==> flow/design.v <==
module sh_core_v2 #(
   parameter DWIDTH = 128,
   parameter SEL_WIDTH = $clog2(DWIDTH)
) (
   input  clock,
   input  reset,
   input  [DWIDTH-1:0] in_src,
   input  [SEL_WIDTH-1:0] in_n,
   output [DWIDTH-1:0] out_dout
);
   reg [DWIDTH-1:0] src_d1;
   reg [SEL_WIDTH-1:0] n_d1;
   reg [DWIDTH-1:0] nxt_d1;
   reg [1:0] n_d1_lo;
   reg [DWIDTH-1:0] dout_d1;
   assign out_dout = dout_d1;
   always @(posedge clock) begin
      if (reset) begin
         src_d1 <= 0;
         n_d1 <= 0;
         nxt_d1 <= 0;
         n_d1_lo <= 0;
         dout_d1 <= 0;
      end else begin
         src_d1 <= in_src;
         n_d1 <= in_n;
         nxt_d1 <= src_d1 << {n_d1[SEL_WIDTH-1:2], 2'b00};
         n_d1_lo <= n_d1[1:0];
         dout_d1 <= nxt_d1 << n_d1_lo;
      end
   end
endmodule
Reports on sh_core_v2. Tool output for the design above, in the order of the flow. Lines are those of the file above, counted from 1. Operators carry their Yosys type and port widths (W data, S select, Z words). Library cell names are shortened. Not given: --

Top: sh_core_v2. Clock input: clock. Standard-cell library: sky130hd. Timing corner: tt_025C_1v80.

Word level. Source: Yosys, flattened and elaborated, memories not mapped. Widths are those after wreduce; folded enables and synchronous resets count as part of the registers. Registers that Yosys merges into a memory's read port (data or address) are not register bits. Print and check cells do not count. Equal cells are merged and count once.

The entry for register bits reads 393. Under output and inout port bits stands 128.

The entry for shift operators reads 2.

Operators by type and width (number): $shl A128 B2 Y128 (1); $shl A128 B7 Y128 (1).

Longest topological paths. Yosys ltp: most cells in a row. Word level: on the elaborated netlist, between registers, memories and ports. Mapped: between sequential cells and ports; inverters and the memories' decode and read muxes count.

Under depth in word-level cells stands 1. For ABC_AREA the number is 0. The figure for gate-level depth with buffers is 8. The entry for mapped depth without buffers reads 4.

Synthesis result. The flow's flattened synthesis, as Yosys stat reports it; memories are mapped. The netlist is that of the ABC_AREA named above (0 if unset); the other value can give another one.

Cell types: dfxtp_1 (number 393, area in all 7.87E+03 um2); mux4_2 (number 259, area in all 5.83E+03 um2); nor2b_1 (number 268, area in all 1.68E+03 um2); mux2i_1 (number 107, area in all 1.07E+03 um2); mux2_2 (number 47, area in all 529.258 um2); nand2_1 (number 82, area in all 307.795 um2); clkbuf_1 (number 71, area in all 266.506 um2); buf_2 (number 43, area in all 215.206 um2); nor2_1 (number 55, area in all 206.448 um2); a221o_1 (number 20, area in all 200.192 um2); o221ai_1 (number 22, area in all 192.685 um2); buf_6 (number 14, area in all 157.651 um2); nor3_1 (number 27, area in all 135.13 um2); and2_1 (number 21, area in all 131.376 um2); o22ai_1 (number 20, area in all 125.12 um2); a211oi_1 (number 15, area in all 112.608 um2); a21oi_1 (number 19, area in all 95.091 um2); and3_1 (number 13, area in all 81.328 um2).

Not listed: further types 35, cells in them 110.

The figure for mapped cells is 1606. Under mapped area stands 19992.9 um2. The entry for area of sequential cells reads 7867.5 um2. The figure for flip-flop cells is 393.

Worst setup path after synthesis. Path of least setup slack by OpenSTA after synthesis, without wires, with an ideal clock, recovery checks aside; 20% of the period is set as input and as output delay. Where synthesis merged equal registers, the netlist keeps one of their names.

Path type: reg-to-reg. From: register n_d1[2]. To: register nxt_d1[121]. The figure for clock period is 2.4 ns. The figure for library setup time is 0.120 ns. For launch time at the first pin the number is 0.000 ns. The entry for data arrival time reads 1.803 ns. Path slack: 0.477 ns. Path delay: 1.923 ns. Driving pins on the path: 7. Buffers on the path: 3. Synthesis period reached: 1.923 ns.

"path delay" = arrival - input delay + setup time. "driving pins on the path": output pins that drive a net of the path, with the launching flip-flop's if there is one; two outputs of one cell count as two. "synthesis period reached" is the clock period less the worst setup slack; recovery checks do not enter. This is arithmetic on one report: input and output delays are still those of the set period (20% each). Between the ends stands the longest chain of elaborated cells between them, by number of cells; it is not shown to be the way that was timed. Of several equally long chains one is given. Each line given opens the expression or statement behind the cell; cells for indexed reads and writes are added by Yosys, which also makes memories of some case tables.

Cell sequence: dfxtp_1 buf_6 buf_12 buf_6 mux4_2 mux2_2 a211o_1. The figure for cells in the longest elaborated chain is 1. Under elaborated cells on any way between the ends stands 1.

Ends and longest elaborated chain, post-synthesis: start, declared (RTL line 12) `reg [SEL_WIDTH-1:0] n_d1;`; start, assigned (RTL line 20) `n_d1 <= 0;`; start, assigned (RTL line 26) `n_d1 <= in_n;`; $shl A128 B7 Y128 (RTL line 27) `nxt_d1 <= src_d1 << {n_d1[SEL_WIDTH-1:2], 2'b00};`; end, assigned (RTL line 21) `nxt_d1 <= 0;`; end, assigned (RTL line 27); end, declared (RTL line 13) `reg [DWIDTH-1:0] nxt_d1;`.

Timing after layout. From the final timing report of run 1: the path of least setup slack in the routed layout; clock arrival at registers is part of the times.

Path type: reg-to-reg. From: register n_d1[2]. To: register nxt_d1[65]. The figure for clock period is 2.4 ns. The figure for library setup time is 0.11 ns. For launch time at the first pin the number is 0.58 ns. The entry for data arrival time reads 2.88 ns. Path slack: -0.01 ns. Driving pins on the path: 6. Buffers on the path: 1.

Between the ends stands the longest chain of elaborated cells between them, by number of cells; it is not shown to be the way that was timed. Of several equally long chains one is given.

Cell sequence: dfxtp_4 buf_4 mux4_2 mux2i_1 nor3_1 a221o_1. The figure for cells in the longest elaborated chain is 1. Under elaborated cells on any way between the ends stands 1.

Ends and longest elaborated chain, post-layout: start, declared (RTL line 12) `reg [SEL_WIDTH-1:0] n_d1;`; start, assigned (RTL line 20) `n_d1 <= 0;`; start, assigned (RTL line 26) `n_d1 <= in_n;`; $shl A128 B7 Y128 (RTL line 27) `nxt_d1 <= src_d1 << {n_d1[SEL_WIDTH-1:2], 2'b00};`; end, assigned (RTL line 21) `nxt_d1 <= 0;`; end, assigned (RTL line 27); end, declared (RTL line 13) `reg [DWIDTH-1:0] nxt_d1;`.

Memo
Re: implementation data of sh_core_v2

Stored flow runs of sh_core_v2 (3 of them; Yosys, OpenROAD, sky130hd). They differ in their settings and are not a sequence. Constraints: input delay and output delay 20% of the set period each, output load 0.01 pF. "clock period reached" = clock period - worst setup slack. The figure is calculated, with input and output delays left at 20% of the set period. "worst setup path time" = time allowed to the worst setup path (clock period - input delay - output delay, where it has them) - its slack; a late launch clock adds to it, a late capture clock takes from it. "total power after layout": no workload was simulated; the value follows from the tool's default switching activity.

Files of run 1:
==> flow/run.sh <==
#!/bin/bash
# the make line also repeats the synthesis and layout settings of config.mk as NAME=value (left out here)
make -C /OpenROAD-flow-scripts/flow DESIGN_CONFIG=/design/flow/config.mk WORK_HOME=/design/flow/orfs CLKGATE_MAP_FILE= finish
==> flow/config.mk <==
export PLATFORM = sky130hd
export DESIGN_NAME = sh_core_v2
export DESIGN_NICKNAME = sh_core_v2
export VERILOG_FILES = /design/flow/design.v
export SDC_FILE = /design/flow/constraint.sdc
export NUM_CORES = 4
export LEC_CHECK = 0
export CAP_MARGIN = 20
export CORE_MARGIN = 2
export CORE_UTILIZATION = 40
export SLEW_MARGIN = 20
==> flow/constraint.sdc <==
create_clock -name core_clock -period 2.4 [get_ports {clock}]
set_input_delay 0.4800 -clock core_clock [delete_from_list [all_inputs] [get_ports {clock}]]
set_output_delay 0.4800 -clock core_clock [all_outputs]
set_load 0.01 [all_outputs]

Results of run 1. The mapped cell area after synthesis reads 19992.9 um2. For the final setup TNS the run shows -0.013 ns. The worst setup path time comes to 2.41 ns. Worst setup path kind: reg-to-reg. The smallest setup slack reads -0.009 ns. The measured clock period reached is 2.409 ns. For the post-layout utilization the run shows 52.6%. The worst hold slack comes to 0.280 ns. The std-cell area (final layout) comes to 25851.0 um2. The overall die area reads 51785.8 um2. The total power after layout comes to 17.292 mW.

Files of run 2:
==> flow/run.sh <==
#!/bin/bash
# the make line also repeats the synthesis and layout settings of config.mk as NAME=value (left out here)
make -C /OpenROAD-flow-scripts/flow DESIGN_CONFIG=/design/flow/config.mk WORK_HOME=/design/flow/orfs CLKGATE_MAP_FILE= finish
==> flow/config.mk <==
export PLATFORM = sky130hd
export DESIGN_NAME = sh_core_v2
export DESIGN_NICKNAME = sh_core_v2
export VERILOG_FILES = /design/flow/design.v
export SDC_FILE = /design/flow/constraint.sdc
export NUM_CORES = 4
export LEC_CHECK = 0
export CAP_MARGIN = 20
export CELL_PAD_IN_SITES_DETAIL_PLACEMENT = 2
export CORE_ASPECT_RATIO = 1.85
export CORE_MARGIN = 2
export CORE_UTILIZATION = 71
export CTS_CLUSTER_SIZE = 32
export PLACE_DENSITY = 0.7
export SETUP_SLACK_MARGIN = -0.06
export SLEW_MARGIN = 20
==> flow/constraint.sdc <==
create_clock -name core_clock -period 2.53 [get_ports {clock}]
set_input_delay 0.5060 -clock core_clock [delete_from_list [all_inputs] [get_ports {clock}]]
set_output_delay 0.5060 -clock core_clock [all_outputs]
set_load 0.01 [all_outputs]

Outcome of run 2: unfinished; tool error in placement.

Files of run 3:
==> flow/run.sh <==
#!/bin/bash
# the make line also repeats the synthesis and layout settings of config.mk as NAME=value (left out here)
make -C /OpenROAD-flow-scripts/flow DESIGN_CONFIG=/design/flow/config.mk WORK_HOME=/design/flow/orfs CLKGATE_MAP_FILE= finish
==> flow/config.mk <==
export PLATFORM = sky130hd
export DESIGN_NAME = sh_core_v2
export DESIGN_NICKNAME = sh_core_v2
export VERILOG_FILES = /design/flow/design.v
export SDC_FILE = /design/flow/constraint.sdc
export NUM_CORES = 4
export LEC_CHECK = 0
export CAP_MARGIN = 30
export CELL_PAD_IN_SITES_DETAIL_PLACEMENT = 2
export CORE_MARGIN = 2
export CORE_UTILIZATION = 60
export MIN_ROUTING_LAYER = met2
export PLACE_DENSITY_LB_ADDON = 0.2
export SETUP_SLACK_MARGIN = -0.22
export SLEW_MARGIN = 25
==> flow/constraint.sdc <==
create_clock -name core_clock -period 3.7 [get_ports {clock}]
set_input_delay 0.7400 -clock core_clock [delete_from_list [all_inputs] [get_ports {clock}]]
set_output_delay 0.7400 -clock core_clock [all_outputs]
set_load 0.01 [all_outputs]

Outcome of run 3: unfinished; error DPL-0033 in placement.
